==> flow/design.v <==
module my_muxn_mod #(
    parameter DATA_WIDTH = 8,
    parameter INPUTS = 24,
    parameter LG = $clog2(INPUTS)
) (
    input wire clk,
    input wire aresetn,
    input wire [INPUTS*DATA_WIDTH-1:0] i_in,
    input wire [LG-1:0] i_idx,
    output reg [DATA_WIDTH-1:0] o_result
);
    reg [DATA_WIDTH-1:0] t;
    integer k;
    always @* begin
        t = 0;
        for (k = 0; k < INPUTS; k = k + 1)
            if (i_idx == k) t = i_in[k*DATA_WIDTH +: DATA_WIDTH];
    end
    always @(posedge clk or negedge aresetn) begin
        if (~aresetn) begin
            o_result <= 0;
        end else begin
            o_result <= t;
        end
    end
endmodule
From RTL to reports: my_muxn_mod
Tool output for the design above, in the order of the flow.
Lines are those of the file above, counted from 1.
Operators: Yosys type, input widths -> output width; for muxes data width and select width s.
Library cell names are shortened.
A cell with n/a has no value.
Design
  design top: my_muxn_mod
  clock input: clk
  cell library: sky130hd
  timing corner: tt_025C_1v80

Elaborated design
Counts by Yosys on the flattened word-level netlist (proc, flatten, opt, wreduce; memories kept). Register bits leave out memories and registers merged into their read ports (data or address); mux counts leave out enables and synchronous resets folded into registers. Print and check cells are left out. Cells with the same type and inputs are merged into one.
Storage and ports
  bits in read-only memories: 0
  bits in writable memories: 0
  register bits after elaboration: 8
  clocked read ports x word width: 0
  output and inout port bits: 8
  cells after elaboration: 49
  latch bits: 0
  memories kept: 0
Operators by class
  shift-type cells: 0
  equality and inequality tests: 23
  reductions and logical operators: 1
  bitwise operators: 0
  order comparisons: 0
  $mul: 0
  add/sub/neg operators: 0
  divide/modulo/power cells: 0
  muxes and demuxes: 24
Operators by type and width (count)
  $mux 8: 24
  $eq 5x4->1 const B: 8
  $eq 5x5->1 const B: 8
  $eq 5x3->1 const B: 4
  $eq 5x2->1 const B: 2
  $eq 5x1->1 const B: 1
  $logic_not 5->1: 1

Longest topological paths
Longest topological path by Yosys (ltp), each cell counted once; first at word level (registers and memories cut), then after technology mapping (sequential cells cut; the memories' decode and read muxes count).
Depth
  word-level depth: 25
  ABC_AREA: 0
  mapped depth: 9
  depth with buffers taken out: 6

Synthesis result
The flow's flattened synthesis, as Yosys stat reports it; memories are mapped. The netlist is that of the ABC_AREA named above (0 if unset); the other value can give another one.
Cell types
  dfrtp_1: count 8, total area 200.192 um^2
  a21oi_1: count 34, total area 170.163 um^2
  mux2i_1: count 15, total area 150.144 um^2
  nor2_1: count 33, total area 123.869 um^2
  nor3_1: count 24, total area 120.115 um^2
  nand2_1: count 24, total area 90.086 um^2
  o22ai_1: count 14, total area 87.584 um^2
  a22oi_1: count 11, total area 82.579 um^2
  nand3_1: count 16, total area 80.077 um^2
  buf_2: count 15, total area 75.072 um^2
  a221oi_1: count 8, total area 70.067 um^2
  mux4_2: count 3, total area 67.565 um^2
  o21ai_0: count 13, total area 65.062 um^2
  mux2_2: count 5, total area 56.304 um^2
  buf_4: count 7, total area 52.55 um^2
  nor2b_1: count 8, total area 50.048 um^2
  or3_1: count 8, total area 50.048 um^2
  inv_1: count 13, total area 48.797 um^2
Other cell types: 50; their cells: 105.
Synthesis totals
  area of sequential cells: 200.2 um^2
  flip-flops: 8
  mapped cells: 364
  mapped area: 2478.6 um^2
  buffers: 29

Timing after synthesis
Path of least setup slack by OpenSTA after synthesis, without wires, with an ideal clock, recovery checks aside; 20% of the period is set as input and as output delay. Where synthesis merged equal registers, the netlist keeps one of their names.
Timing path post-synthesis
  kind: input to register
  start point: input port i_idx[4]
  end point: register o_result[7]
  setup slack: 377 ps
  data required time: 2256 ps
  delay of the path: 1512 ps
  setup time: 104 ps
  driving pins on the path: 7
  path buffers: 1
  arrival time: 1880 ps
  clock period: 2360 ps
  synthesis period reached: 1983 ps
"delay of the path" is the arrival time less input delay plus setup time.
"driving pins on the path" counts driving pins, that of a launching flip-flop among them; a cell with two outputs on the path counts twice.
"synthesis period reached" = period - worst setup slack (recovery checks aside). The figure is calculated, with input and output delays left at 20% of the set period.
Between the ends stands the longest chain of elaborated cells between them, by number of cells; it is not shown to be the way that was timed. Of several equally long chains one is given.
Each line given opens the expression or statement behind the cell; cells for indexed reads and writes are added by Yosys, which also makes memories of some case tables.
Between the ends, post-synthesis
  cell sequence: buf_6 > or4_4 > o32ai_2 > a221oi_2 > nor3_2 > nor3_1 > o41ai_2
  length of the longest elaborated chain: 25
  elaborated cells between the ends (all ways): 48
  source lines of those cells: 1
  classes of those cells: 23 x eq/ne; 24 x mux; 1 x reduce/logical
Ends and longest elaborated chain, post-synthesis
  start: declaration: line 9  | input wire [LG-1:0] i_idx,
  $logic_not 5->1: line 17  | if (i_idx == k) t = i_in[k*DATA_WIDTH +: DATA_WIDTH];
  $mux 8 (24 in a row): line 17
  end: assignment: line 21  | o_result <= 0;
  end: assignment: line 23  | o_result <= t;
  end: declaration: line 10  | output reg [DATA_WIDTH-1:0] o_result

Worst path after layout
Path of least setup slack in the final report of flow run 1 (OpenROAD, finished layout, wires in). Where an end is a register, its clock arrival counts in the times.
The path's times are printed in steps of 10 ps; the period is the one set.
Timing path after layout
  kind: input to register
  start point: input port i_idx[1]
  end point: register o_result[5]
  setup slack: 30 ps
  clock period: 2360 ps
  driving pins on the path: 9
  setup time: 140 ps
  data required time: 2460 ps
  path buffers: 3
  arrival time: 2430 ps
Between the ends stands the longest chain of elaborated cells between them, by number of cells; it is not shown to be the way that was timed. Of several equally long chains one is given.
Between the ends, after layout
  cell sequence: buf_2 > buf_12 > nor2b_1 > buf_4 > a21oi_1 > nor3_1 > o211ai_1 > a2111oi_2 > a221oi_2
  length of the longest elaborated chain: 25
  elaborated cells between the ends (all ways): 48
  source lines of those cells: 1
  classes of those cells: 23 x eq/ne; 24 x mux; 1 x reduce/logical
Ends and longest elaborated chain, after layout
  start: declaration: line 9  | input wire [LG-1:0] i_idx,
  $logic_not 5->1: line 17  | if (i_idx == k) t = i_in[k*DATA_WIDTH +: DATA_WIDTH];
  $mux 8 (24 in a row): line 17
  end: assignment: line 21  | o_result <= 0;
  end: assignment: line 23  | o_result <= t;
  end: declaration: line 10  | output reg [DATA_WIDTH-1:0] o_result

## Implementation results

Stored flow runs of my_muxn_mod (3 of them; Yosys, OpenROAD, sky130hd). They differ in their settings and are not a sequence. Constraints: input delay and output delay 20% of the set period each, output load 0.01 pF.
"achieved clock period" means the clock period less the worst setup slack. The figure is calculated, with input and output delays left at 20% of the set period.
"worst setup path time": the worst setup path's part of the clock period (all of it between registers, 20% less for each end at a port) less its slack. A launch clock that arrives late makes it longer, a capture clock that arrives late makes it shorter.
"power": no workload was simulated; the value follows from the tool's default switching activity.
"worst setup path time" is known to 10 ps.

Flow run 1
==> flow/run.sh <==
#!/bin/bash
# the make line also repeats the synthesis and layout settings of config.mk as NAME=value (left out here)
make -C /OpenROAD-flow-scripts/flow DESIGN_CONFIG=/design/flow/config.mk WORK_HOME=/design/flow/orfs CLKGATE_MAP_FILE= finish
==> flow/config.mk <==
export PLATFORM = sky130hd
export DESIGN_NAME = my_muxn_mod
export DESIGN_NICKNAME = my_muxn_mod
export VERILOG_FILES = /design/flow/design.v
export SDC_FILE = /design/flow/constraint.sdc
export NUM_CORES = 4
export LEC_CHECK = 0
export CAP_MARGIN = 20
export CORE_MARGIN = 2
export CORE_UTILIZATION = 40
export SLEW_MARGIN = 20
==> flow/constraint.sdc <==
create_clock -name core_clock -period 2.36 [get_ports {clk}]
set_input_delay 0.4720 -clock core_clock [delete_from_list [all_inputs] [get_ports {clk}]]
set_output_delay 0.4720 -clock core_clock [all_outputs]
set_load 0.01 [all_outputs]

==> results of flow run 1 <==
chip area after synthesis (Yosys): 2478.6 um^2
die area: 6842.6 um^2
standard-cell area of the final layout: 5301.3 um^2
utilization: 0.89
worst setup slack after layout: 32 ps
total negative slack: 0 ps
power: 0.001241 W
achieved clock period: 2328 ps
worst setup path time: 1860 ps
worst setup path kind: input to register

Flow run 2
==> flow/run.sh <==
#!/bin/bash
# the make line also repeats the synthesis and layout settings of config.mk as NAME=value (left out here)
make -C /OpenROAD-flow-scripts/flow DESIGN_CONFIG=/design/flow/config.mk WORK_HOME=/design/flow/orfs CLKGATE_MAP_FILE= finish
==> flow/config.mk <==
export PLATFORM = sky130hd
export DESIGN_NAME = my_muxn_mod
export DESIGN_NICKNAME = my_muxn_mod
export VERILOG_FILES = /design/flow/design.v
export SDC_FILE = /design/flow/constraint.sdc
export NUM_CORES = 4
export LEC_CHECK = 0
export ABC_AREA = 0
export CAP_MARGIN = 20
export CELL_PAD_IN_SITES_GLOBAL_PLACEMENT = 1
export CORE_ASPECT_RATIO = 1.77
export CORE_MARGIN = 3
export CORE_UTILIZATION = 38
export CTS_CLUSTER_DIAMETER = 320
export GPL_TIMING_DRIVEN = 1
export PLACE_DENSITY = 0.42
export SETUP_SLACK_MARGIN = -0.07
export SLEW_MARGIN = 15
export TNS_END_PERCENT = 50
==> flow/constraint.sdc <==
create_clock -name core_clock -period 3.22 [get_ports {clk}]
set_input_delay 0.6440 -clock core_clock [delete_from_list [all_inputs] [get_ports {clk}]]
set_output_delay 0.6440 -clock core_clock [all_outputs]
set_load 0.01 [all_outputs]

==> results of flow run 2 <==
did not finish, placement stopped with GPL-0301

Flow run 3
==> flow/run.sh <==
#!/bin/bash
# the make line also repeats the synthesis and layout settings of config.mk as NAME=value (left out here)
make -C /OpenROAD-flow-scripts/flow DESIGN_CONFIG=/design/flow/config.mk WORK_HOME=/design/flow/orfs CLKGATE_MAP_FILE= finish
==> flow/config.mk <==
export PLATFORM = sky130hd
export DESIGN_NAME = my_muxn_mod
export DESIGN_NICKNAME = my_muxn_mod
export VERILOG_FILES = /design/flow/design.v
export SDC_FILE = /design/flow/constraint.sdc
export NUM_CORES = 4
export LEC_CHECK = 0
export CAP_MARGIN = 20
export CELL_PAD_IN_SITES_DETAIL_PLACEMENT = 0
export CORE_MARGIN = 2
export CORE_UTILIZATION = 64
export CTS_CLUSTER_DIAMETER = 86
export HOLD_SLACK_MARGIN = 0.2
export PLACE_DENSITY_LB_ADDON = 0.05
export SETUP_SLACK_MARGIN = 0.2
export SLEW_MARGIN = 15
export TNS_END_PERCENT = 60
==> flow/constraint.sdc <==
create_clock -name core_clock -period 2.77 [get_ports {clk}]
set_input_delay 0.5540 -clock core_clock [delete_from_list [all_inputs] [get_ports {clk}]]
set_output_delay 0.5540 -clock core_clock [all_outputs]
set_load 0.01 [all_outputs]

==> results of flow run 3 <==
did not finish, placement stopped with FLW-0024
